==> flow/design.v <==
module sync_relation_top #(
  parameter DWIDTH = 14,
  parameter NUM = 8
) (
  input  logic sys_clk,
  input  logic RSTN,
  input  logic [NUM*DWIDTH-1:0] data,
  output logic [DWIDTH-1:0] hi
);
  logic [NUM*DWIDTH-1:0] data_d1;
  always_ff @(posedge sys_clk) begin
    if (!RSTN) begin
      data_d1 <= '0;
    end else begin
      data_d1 <= data;
    end
  end
  wire [DWIDTH-1:0] node [1:2*NUM-1];
  generate
    for (genvar gi = 0; gi < NUM; gi++) begin : row
      assign node[NUM+gi] = data_d1[gi*DWIDTH +: DWIDTH];
    end
    for (genvar gi = 1; gi < NUM; gi++) begin : each
      assign node[gi] = (node[2*gi] > node[2*gi+1]) ? node[2*gi] : node[2*gi+1];
    end
  endgenerate
  assign hi = node[1];
endmodule
# Tool chain data of sync_relation_top

Tool output for the design above, in the order of the flow.
Line numbers count from 1 in the design file above.
Operators carry their Yosys type and port widths (W data, S select, Z words).
Not given: --

Design top: sync_relation_top
Clock input: sys_clk
Cell library: sky130hd
Library corner: tt_025C_1v80

# After elaboration

Source: Yosys, flattened and elaborated. Widths are those after wreduce; folded enables and synchronous resets count as part of the registers. Registers that Yosys merges into a memory's read port (data or address) are not register bits. Print and check cells do not count. Equal cells are merged and count once.

Register bits after elaboration: 112
Bits of input ports: 114
Output and inout port bits: 14
Elaborated cells: 15

$lt $le $gt $ge: 7
Multiplexer cells: 7

Operator list:

| operator       | count |
| $gt A14 B14 Y1 | 7 |
| $mux W14       | 7 |

# Logic depth

Depth = most cells in a row (Yosys ltp): at word level without a register or memory, in the mapped netlist without a sequential cell, where the memories' decode and read muxes count.

Word-level depth: 6
ABC_AREA: 0
Mapped depth: 33
Mapped depth without buffers: 29

# Netlist

The flow's flattened synthesis, as Yosys stat reports it; memories are mapped. The netlist is that of the ABC_AREA named above (0 if unset); the other value can give another one.
Totals and module areas in this step are rounded.

Cell count: 743
Mapped area: 6782 sq um
Sequential part of the area: 2242 sq um
Mapped flip-flops: 112
Buffers: 29

Cell types:

| cell                      | count | area in all (sq um) |
| sky130_fd_sc_hd__dfxtp_1  | 112   | 2242.15 |
| sky130_fd_sc_hd__ha_1     | 95    | 1188.64 |
| sky130_fd_sc_hd__and2_1   | 114   | 713.184 |
| sky130_fd_sc_hd__mux2i_1  | 52    | 520.499 |
| sky130_fd_sc_hd__inv_1    | 89    | 334.07 |
| sky130_fd_sc_hd__a21oi_1  | 41    | 205.197 |
| sky130_fd_sc_hd__a21o_1   | 14    | 105.101 |
| sky130_fd_sc_hd__nor2_1   | 27    | 101.347 |
| sky130_fd_sc_hd__a22o_1   | 11    | 96.342 |
| sky130_fd_sc_hd__nand2_1  | 24    | 90.086 |
| sky130_fd_sc_hd__nand4_1  | 14    | 87.584 |
| sky130_fd_sc_hd__a31oi_1  | 12    | 75.072 |
| sky130_fd_sc_hd__clkbuf_1 | 20    | 75.072 |
| sky130_fd_sc_hd__o31ai_1  | 9     | 67.565 |
| sky130_fd_sc_hd__o21ai_0  | 13    | 65.062 |
| sky130_fd_sc_hd__nand2b_1 | 9     | 56.304 |
| sky130_fd_sc_hd__a211oi_1 | 7     | 52.55 |
| sky130_fd_sc_hd__o31ai_4  | 2     | 42.541 |

Not listed: further types 40, cells in them 78.

# Path before layout

Path of least setup slack by OpenSTA after synthesis, without wires, with an ideal clock, recovery checks aside; 20% of the period is set as input and as output delay. Where synthesis merged equal registers, the netlist keeps one of their names.

Path kind: flip-flop to output port
From: reg data_d1[27]
To: out hi[10]
Period: 9.65 ns
Output delay: 1.930 ns
Launch time at the first pin: 0.000 ns
Data arrival time: 6.173 ns
Data required time: 7.720 ns
Path slack: 1.547 ns
Delay of the path: 6.173 ns
Stages on the path: 32
Buffers on the path: 4
Synthesis period reached: 8.103 ns

"delay of the path" = arrival - input delay + setup time.
A path that ends at an output port has no setup time.
"stages on the path" counts driving pins, that of a launching flip-flop among them; a cell with two outputs on the path counts twice.
"synthesis period reached" is the clock period less the worst setup slack; recovery checks do not enter. This is arithmetic on one report: input and output delays are still those of the set period (20% each).
The rows between start and end are the longest chain of elaborated cells between them; the timing report does not say that the signal goes this way. Where chains are equally long, one stands for them.
Each line given opens the expression or statement behind the cell; cells for indexed reads and writes are added by Yosys, which also makes memories of some case tables.

Cell sequence: sky130_fd_sc_hd__dfxtp_1 sky130_fd_sc_hd__inv_1 sky130_fd_sc_hd__ha_1 sky130_fd_sc_hd__nand4_1 sky130_fd_sc_hd__or3_1 sky130_fd_sc_hd__nor3_2 sky130_fd_sc_hd__nand2b_1 sky130_fd_sc_hd__clkbuf_1 sky130_fd_sc_hd__buf_1 sky130_fd_sc_hd__mux2i_1 sky130_fd_sc_hd__inv_1 sky130_fd_sc_hd__ha_1 sky130_fd_sc_hd__a21oi_1 sky130_fd_sc_hd__nor2b_1 sky130_fd_sc_hd__o21ai_0 sky130_fd_sc_hd__nand2_1 sky130_fd_sc_hd__a311o_1 sky130_fd_sc_hd__o32ai_4 sky130_fd_sc_hd__buf_12 sky130_fd_sc_hd__mux2i_1 sky130_fd_sc_hd__ha_1 sky130_fd_sc_hd__nor2b_1 sky130_fd_sc_hd__o21a_1 sky130_fd_sc_hd__o21a_1 sky130_fd_sc_hd__o21ai_0 sky130_fd_sc_hd__nand2b_1 sky130_fd_sc_hd__a21oi_1 sky130_fd_sc_hd__or3_1 sky130_fd_sc_hd__a21oi_1 sky130_fd_sc_hd__clkbuf_1 sky130_fd_sc_hd__a31oi_1 sky130_fd_sc_hd__a22o_1
Length of the longest elaborated chain: 6
Elaborated cells between the ends (all ways): 6
RTL lines with such cells: 1
Classes of those cells: compare (3); mux (3)

Ends and longest elaborated chain, after synthesis:

| item               | line | RTL |
| start: declaration | 10   | `logic [NUM*DWIDTH-1:0] data_d1;` |
| start: assignment  | 13   | `data_d1 <= '0;` |
| start: assignment  | 15   | `data_d1 <= data;` |
| $gt A14 B14 Y1     | 24   | `assign node[gi] = (node[2*gi] > node[2*gi+1]) ? node[2*gi] : node[2*gi+1];` |
| $mux W14           | 24   |  |
| $gt A14 B14 Y1     | 24   |  |
| $mux W14           | 24   |  |
| $gt A14 B14 Y1     | 24   |  |
| $mux W14           | 24   |  |
| end: declaration   | 8    | `output logic [DWIDTH-1:0] hi` |

# Worst path after layout

From the final timing report of flow run A: the path of least setup slack in the routed layout; clock arrival at registers is part of the times.

Path kind: flip-flop to output port
From: reg data_d1[77]
To: out hi[0]
Period: 13.3 ns
Output delay: 2.66 ns
Launch time at the first pin: 0.36 ns
Data arrival time: 7.87 ns
Data required time: 10.64 ns
Path slack: 2.77 ns
Stages on the path: 30
Buffers on the path: 2

The rows between start and end are the longest chain of elaborated cells between them; the timing report does not say that the signal goes this way. Where chains are equally long, one stands for them.

Cell sequence: sky130_fd_sc_hd__dfxtp_1 sky130_fd_sc_hd__inv_1 sky130_fd_sc_hd__ha_1 sky130_fd_sc_hd__a211o_1 sky130_fd_sc_hd__o211ai_1 sky130_fd_sc_hd__a21oi_1 sky130_fd_sc_hd__o31ai_4 sky130_fd_sc_hd__buf_6 sky130_fd_sc_hd__mux2i_1 sky130_fd_sc_hd__inv_1 sky130_fd_sc_hd__ha_1 sky130_fd_sc_hd__nand4_1 sky130_fd_sc_hd__nor2_1 sky130_fd_sc_hd__nand2_1 sky130_fd_sc_hd__nor4_1 sky130_fd_sc_hd__and2_1 sky130_fd_sc_hd__o21ai_0 sky130_fd_sc_hd__o31ai_1 sky130_fd_sc_hd__ha_1 sky130_fd_sc_hd__nor2b_1 sky130_fd_sc_hd__o21a_1 sky130_fd_sc_hd__o21a_1 sky130_fd_sc_hd__o21ai_0 sky130_fd_sc_hd__nand2b_1 sky130_fd_sc_hd__a21oi_1 sky130_fd_sc_hd__or3_1 sky130_fd_sc_hd__a21oi_4 sky130_fd_sc_hd__a211oi_1 sky130_fd_sc_hd__a211oi_2 sky130_fd_sc_hd__clkdlybuf4s50_1
Length of the longest elaborated chain: 6
Elaborated cells between the ends (all ways): 6
RTL lines with such cells: 1
Classes of those cells: compare (3); mux (3)

Ends and longest elaborated chain, after layout:

| item               | line | RTL |
| start: declaration | 10   | `logic [NUM*DWIDTH-1:0] data_d1;` |
| start: assignment  | 13   | `data_d1 <= '0;` |
| start: assignment  | 15   | `data_d1 <= data;` |
| $gt A14 B14 Y1     | 24   | `assign node[gi] = (node[2*gi] > node[2*gi+1]) ? node[2*gi] : node[2*gi+1];` |
| $mux W14           | 24   |  |
| $gt A14 B14 Y1     | 24   |  |
| $mux W14           | 24   |  |
| $gt A14 B14 Y1     | 24   |  |
| $mux W14           | 24   |  |
| end: declaration   | 8    | `output logic [DWIDTH-1:0] hi` |

--- measured runs ---
Measured results for sync_relation_top: 3 stored runs of the Yosys and OpenROAD flow on sky130hd. The settings differ; the order carries no meaning. The constraints put input and output delay at 20% of the set period each and load the outputs with 0.01 pF.
By "period achieved" is meant the clock period of the run minus its worst setup slack. This is arithmetic on one report: input and output delays are still those of the set period (20% each).
By "allowed time less slack (worst setup path)" is meant the share of the clock period that the worst setup path is allowed (20% is reserved at inputs, 20% at outputs), minus its slack. Clock arrival times at its registers enter into it.
"total power of the final layout" rests on the timing tool's default activity at the inputs, not on a simulated workload.
Measured values are rounded.
A setting shown as . is not set for that run.

| setting or result                               | flow run A               | flow run B               | flow run C               |
| period_ns                                       | 13.3                     | 9.65                     | 11.2                     |
| CORE_UTILIZATION                                | 41                       | 40                       | 19                       |
| SETUP_SLACK_MARGIN                              | 0.1                      | .                        | 1.78                     |
| CELL_PAD_IN_SITES_GLOBAL_PLACEMENT              | 2                        | .                        | .                        |
| GPL_ROUTABILITY_DRIVEN                          | 1                        | .                        | .                        |
| CTS_CLUSTER_DIAMETER                            | 39                       | .                        | .                        |
| SLEW_MARGIN                                     | 35                       | 20                       | 30                       |
| CAP_MARGIN                                      | 20                       | 20                       | 20                       |
| CORE_MARGIN                                     | 2                        | 2                        | 2                        |
| PLACE_DENSITY_LB_ADDON                          | .                        | .                        | 0.12                     |
| CORE_ASPECT_RATIO                               | .                        | .                        | 0.8                      |
| CELL_PAD_IN_SITES_DETAIL_PLACEMENT              | .                        | .                        | 1                        |
| TNS_END_PERCENT                                 | .                        | .                        | 60                       |
| ABC_AREA                                        | .                        | .                        | 0                        |
| CTS_CLUSTER_SIZE                                | .                        | .                        | 36                       |
| MAX_ROUTING_LAYER                               | .                        | .                        | met4                     |
| area of the synthesized netlist (sq um)         | 6782                     | 6782                     | 6782                     |
| worst hold slack in the final report (ns)       | 2.874                    | 2.135                    | 2.454                    |
| standard-cell area after layout (sq um)         | 8522                     | 8526                     | 9204                     |
| total power of the final layout (uW)            | 1133                     | 1556                     | 1417                     |
| post-layout utilization (%)                     | 52.1                     | 51.4                     | 26.3                     |
| period achieved (ns)                            | 10.534                   | 9.070                    | 9.029                    |
| worst setup slack after layout (ns)             | 2.766                    | 0.580                    | 2.171                    |
| die outline area (sq um)                        | 17590                    | 18010                    | 37230                    |
| setup total negative slack (ns)                 | 0.000                    | 0.000                    | 0.000                    |
| allowed time less slack (worst setup path) (ns) | 7.87                     | 7.14                     | 6.79                     |
| kind of the worst setup path                    | flip-flop to output port | flip-flop to output port | flip-flop to output port |
--- end ---
